==> flow/design.v <==
module dp_mpy_rtl #(
   parameter DW = 20
) (
   input logic sys_clk,
   input logic i_rst_n,
   input logic step,
   input logic [DW-1:0] opa,
   input logic [DW-1:0] opb,
   input logic [2*DW-1:0] opc,
   output logic [2*DW:0] p
);
   logic [DW-1:0] opa_d1;
   logic [DW-1:0] opb_d1;
   logic [2*DW-1:0] opc_d1;
   logic [2*DW-1:0] t_d1;
   logic [2*DW-1:0] opc_d1_d;
   logic [2*DW:0] p_d1;
   always_ff @(posedge sys_clk) begin
      if (!i_rst_n) begin
         opa_d1 <= 0;
         opb_d1 <= 0;
         opc_d1 <= 0;
         t_d1 <= 0;
         opc_d1_d <= 0;
         p_d1 <= 0;
      end else if (step) begin
         opa_d1 <= opa;
         opb_d1 <= opb;
         opc_d1 <= opc;
         t_d1 <= opa_d1 * opb_d1;
         opc_d1_d <= opc_d1;
         p_d1 <= t_d1 + opc_d1_d;
      end
   end
   assign p = p_d1;
endmodule
Reports on dp_mpy_rtl
Tool output for the design above, in the order of the flow.
Lines are those of the file above, counted from 1.
Operators carry their Yosys type and port widths (W data, S select, Z words).
Library cell names are shortened.
{ "inputs": {"top_module": "dp_mpy_rtl", "clock_port": "sys_clk", "lib": "sky130hd", "lib_corner": "tt_025C_1v80"} }

Elaborated design
Counts by Yosys on the flattened word-level netlist (proc, flatten, opt, wreduce; memories kept). Register bits leave out memories and registers merged into their read ports (data or address); mux counts leave out enables and synchronous resets folded into registers. Print and check cells are left out. Cells with the same type and inputs are merged into one.
{ "word_totals": {"reg_bits": 201, "inputBits": 83, "out_inout_bits": 41, "word_cells": 8} }
{ "op_classes": {"addsub": 1, "n_mul": 1} }
{ "op_table": {"columns": ["op", "n"], "rows": [
  ["$mul A20 B20 Y40", 1],
  ["$add A40 B40 Y41", 1]
]} }

Logic depth
Longest topological path by Yosys (ltp), each cell counted once; first at word level (registers and memories cut), then after technology mapping (sequential cells cut; the memories' decode and read muxes count).
{ "logic_depth": {"ltp_word": 1, "ABC_AREA": 0, "depth_mapped": 26, "ltp_nobuf": 24} }

Mapped cells and area
Yosys stat after the flow's synthesis: flattened, memories mapped to cells. It holds for the ABC_AREA given above (unset counts as 0); a run with the other value may have another netlist.
{ "types": {"columns": ["type", "n", "type_area_um2"], "rows": [
  ["fa_1", 321, 6.43E+03],
  ["dfxtp_1", 201, 4.02E+03],
  ["ha_1", 190, 2377.28],
  ["mux2i_1", 152, 1.52E+03],
  ["and2_1", 233, 1.46E+03],
  ["inv_1", 373, 1.4E+03],
  ["nor2b_1", 161, 1.01E+03],
  ["nand2_1", 258, 968.429],
  ["a21oi_1", 96, 480.461],
  ["clkbuf_1", 126, 472.954],
  ["o21ai_0", 70, 350.336],
  ["xnor2_1", 39, 341.578],
  ["a21o_1", 33, 247.738],
  ["nand4_1", 28, 175.168],
  ["nor2_1", 44, 165.158],
  ["xor2_1", 18, 157.651],
  ["nand3_1", 31, 155.149],
  ["o21bai_1", 16, 120.115]
]} }
Not listed: further types 54, cells in them 227.
{ "synth_totals": {"mapped_cells": 2617, "mapped_area_mm2": 0.0235188, "seqArea_mm2": 0.0040239, "flip_flops": 201, "buf_cells": 168} }

Worst setup path after synthesis
Source: OpenSTA report_checks on the synthesized netlist (no wires, ideal clock, input and output delay 20% of the period each), path of least setup slack; recovery checks are left aside. Register names are those of the netlist, which keeps one name where synthesis merged equal registers.
{ "synth_timing": {"kind": "register to register", "start": "register opa_d1[12]", "end": "register t_d1[37]", "period_ps": 7710, "setup_time_ps": 79, "launch_ps": 0, "arrival_ps": 6090, "t_required_ps": 7631, "slack_ps": 1541, "delay_ps": 6169, "stages": 25, "n_path_buf": 2, "period_less_setup_slack_ps": 6169} }
"delay_ps" = arrival - input delay + setup time.
"stages": output pins that drive a net of the path, with the launching flip-flop's if there is one; two outputs of one cell count as two.
"period_less_setup_slack_ps" = period - worst setup slack (recovery checks aside). The figure is calculated, with input and output delays left at 20% of the set period.
Between the ends stands the longest chain of elaborated cells between them, by number of cells; it is not shown to be the way that was timed. Of several equally long chains one is given.
Each line given opens the expression or statement behind the cell; cells for indexed reads and writes are added by Yosys, which also makes memories of some case tables.
{ "synth_between": {"cell_sequence": "dfxtp_1 > clkbuf_1 > nand2_1 > fa_1 > inv_1 > fa_1 > inv_1 > fa_1 > inv_1 > fa_1 > fa_1 > fa_1 > inv_1 > fa_1 > inv_1 > ha_1 > buf_2 > a211oi_1 > o21bai_1 > o21ai_0 > and3_1 > a21oi_1 > a31oi_1 > mux2_2 > o211ai_1", "elab_chain_cells": 1, "cells_between": 1, "lines_between": 1, "classes_between": "1 x mul"} }
{ "synth_rtl": {"columns": ["element", "line_no", "source"], "rows": [
  ["start, declared", 12, "logic [DW-1:0] opa_d1;"],
  ["start, assigned", 20, "opa_d1 <= 0;"],
  ["start, assigned", 27, "opa_d1 <= opa;"],
  ["$mul A20 B20 Y40", 30, "t_d1 <= opa_d1 * opb_d1;"],
  ["end, assigned", 23, "t_d1 <= 0;"],
  ["end, assigned", 30, null],
  ["end, declared", 15, "logic [2*DW-1:0] t_d1;"]
]} }

Path in the finished layout
Path of least setup slack in the final report of flow run 1 (OpenROAD, finished layout, wires in). Where an end is a register, its clock arrival counts in the times.
The report prints the path's times to 10 ps; the period is as set.
{ "layout_timing": {"kind": "register to register", "start": "register opa_d1[9]", "end": "register t_d1[32]", "period_ps": 7710, "setup_time_ps": 60, "launch_ps": 580, "arrival_ps": 7850, "t_required_ps": 8220, "slack_ps": 370, "stages": 24, "n_path_buf": 0} }
Between the ends stands the longest chain of elaborated cells between them, by number of cells; it is not shown to be the way that was timed. Of several equally long chains one is given.
{ "layout_between": {"cell_sequence": "dfxtp_1 > and2_1 > fa_1 > fa_1 > inv_1 > fa_1 > inv_1 > fa_1 > inv_1 > fa_1 > inv_1 > fa_1 > inv_1 > fa_1 > inv_1 > ha_1 > nand2_1 > nor2_1 > nand2_1 > o31a_4 > o21ai_1 > a31oi_1 > or3_1 > nand3_1", "elab_chain_cells": 1, "cells_between": 1, "lines_between": 1, "classes_between": "1 x mul"} }
{ "layout_rtl": {"columns": ["element", "line_no", "source"], "rows": [
  ["start, declared", 12, "logic [DW-1:0] opa_d1;"],
  ["start, assigned", 20, "opa_d1 <= 0;"],
  ["start, assigned", 27, "opa_d1 <= opa;"],
  ["$mul A20 B20 Y40", 30, "t_d1 <= opa_d1 * opb_d1;"],
  ["end, assigned", 23, "t_d1 <= 0;"],
  ["end, assigned", 30, null],
  ["end, declared", 15, "logic [2*DW-1:0] t_d1;"]
]} }

Lab notebook: dp_mpy_rtl

Top module dp_mpy_rtl; platform sky130hd; tools Yosys and OpenROAD; 3 stored runs in no particular order. Input and output delays are each 20% of the period that was set; the output load is 0.01 pF.
"achieved_period_ps": clock period set for the run, less the worst setup slack. It is reckoned from that one timing run; input and output delays stay at 20% of the period that was set.
By "worst_setup_path_time_ps" is meant the share of the clock period that the worst setup path is allowed (20% is reserved at inputs, 20% at outputs), minus its slack. Clock arrival times at its registers enter into it.
By "power_w" is meant OpenSTA's value without simulated activity: inputs other than the clock are taken to toggle once in ten clock periods, and the tool carries that through the logic.
"worst_setup_path_time_ps" is given in steps of 10 ps.
[
  {
    "run": "flow run 1",
    "settings": { "period_ns": 7.71, "CAP_MARGIN": 20, "CORE_MARGIN": 2, "CORE_UTILIZATION": 40, "SLEW_MARGIN": 20 },
    "results": { "design.die.area_mm2": 0.0607524, "fin_util_pct": 45.1, "timing.hold.ws_ps": 473, "timing.setup.ws_ps": 375, "worst_setup_path_time_ps": 7340, "worst_setup_path_type": "register to register", "power_w": 0.003551, "yosys.chip_area_mm2": 0.0235188, "final_stdcell_area_mm2": 0.026095, "achieved_period_ps": 7335, "tns_setup_ps": 0 }
  },
  {
    "run": "flow run 2",
    "settings": { "period_ns": 4.36, "CORE_UTILIZATION": 37, "SETUP_SLACK_MARGIN": 0.04, "PLACE_DENSITY_LB_ADDON": 0.08, "CORE_ASPECT_RATIO": 1.55, "CORE_MARGIN": 2, "CELL_PAD_IN_SITES_DETAIL_PLACEMENT": 0, "TNS_END_PERCENT": 35, "ABC_AREA": 1, "GPL_TIMING_DRIVEN": 1, "GPL_ROUTABILITY_DRIVEN": 1, "CTS_CLUSTER_SIZE": 19, "CTS_CLUSTER_DIAMETER": 253, "CAP_MARGIN": 5, "SLEW_MARGIN": 20 },
    "results": { "design.die.area_mm2": 0.0687621, "fin_util_pct": 45.6, "timing.hold.ws_ps": 468, "timing.setup.ws_ps": -1434, "worst_setup_path_time_ps": 5790, "worst_setup_path_type": "register to register", "power_w": 0.009991, "yosys.chip_area_mm2": 0.0246536, "final_stdcell_area_mm2": 0.0300651, "achieved_period_ps": 5794, "tns_setup_ps": -42767 }
  },
  {
    "run": "flow run 3",
    "settings": { "period_ns": 7.11, "CORE_UTILIZATION": 53, "SETUP_SLACK_MARGIN": 0.51, "PLACE_DENSITY": 0.79, "CELL_PAD_IN_SITES_GLOBAL_PLACEMENT": 1, "GPL_TIMING_DRIVEN": 1, "CTS_CLUSTER_SIZE": 86, "CTS_CLUSTER_DIAMETER": 183, "CAP_MARGIN": 40, "MIN_ROUTING_LAYER": "met1", "CORE_MARGIN": 2, "SLEW_MARGIN": 20 },
    "results": { "design.die.area_mm2": 0.0460768, "fin_util_pct": 58.4, "timing.hold.ws_ps": 487, "timing.setup.ws_ps": 738, "worst_setup_path_time_ps": 6370, "worst_setup_path_type": "register to register", "power_w": 0.003162, "yosys.chip_area_mm2": 0.0235188, "final_stdcell_area_mm2": 0.0257134, "achieved_period_ps": 6372, "tns_setup_ps": 0 }
  }
]
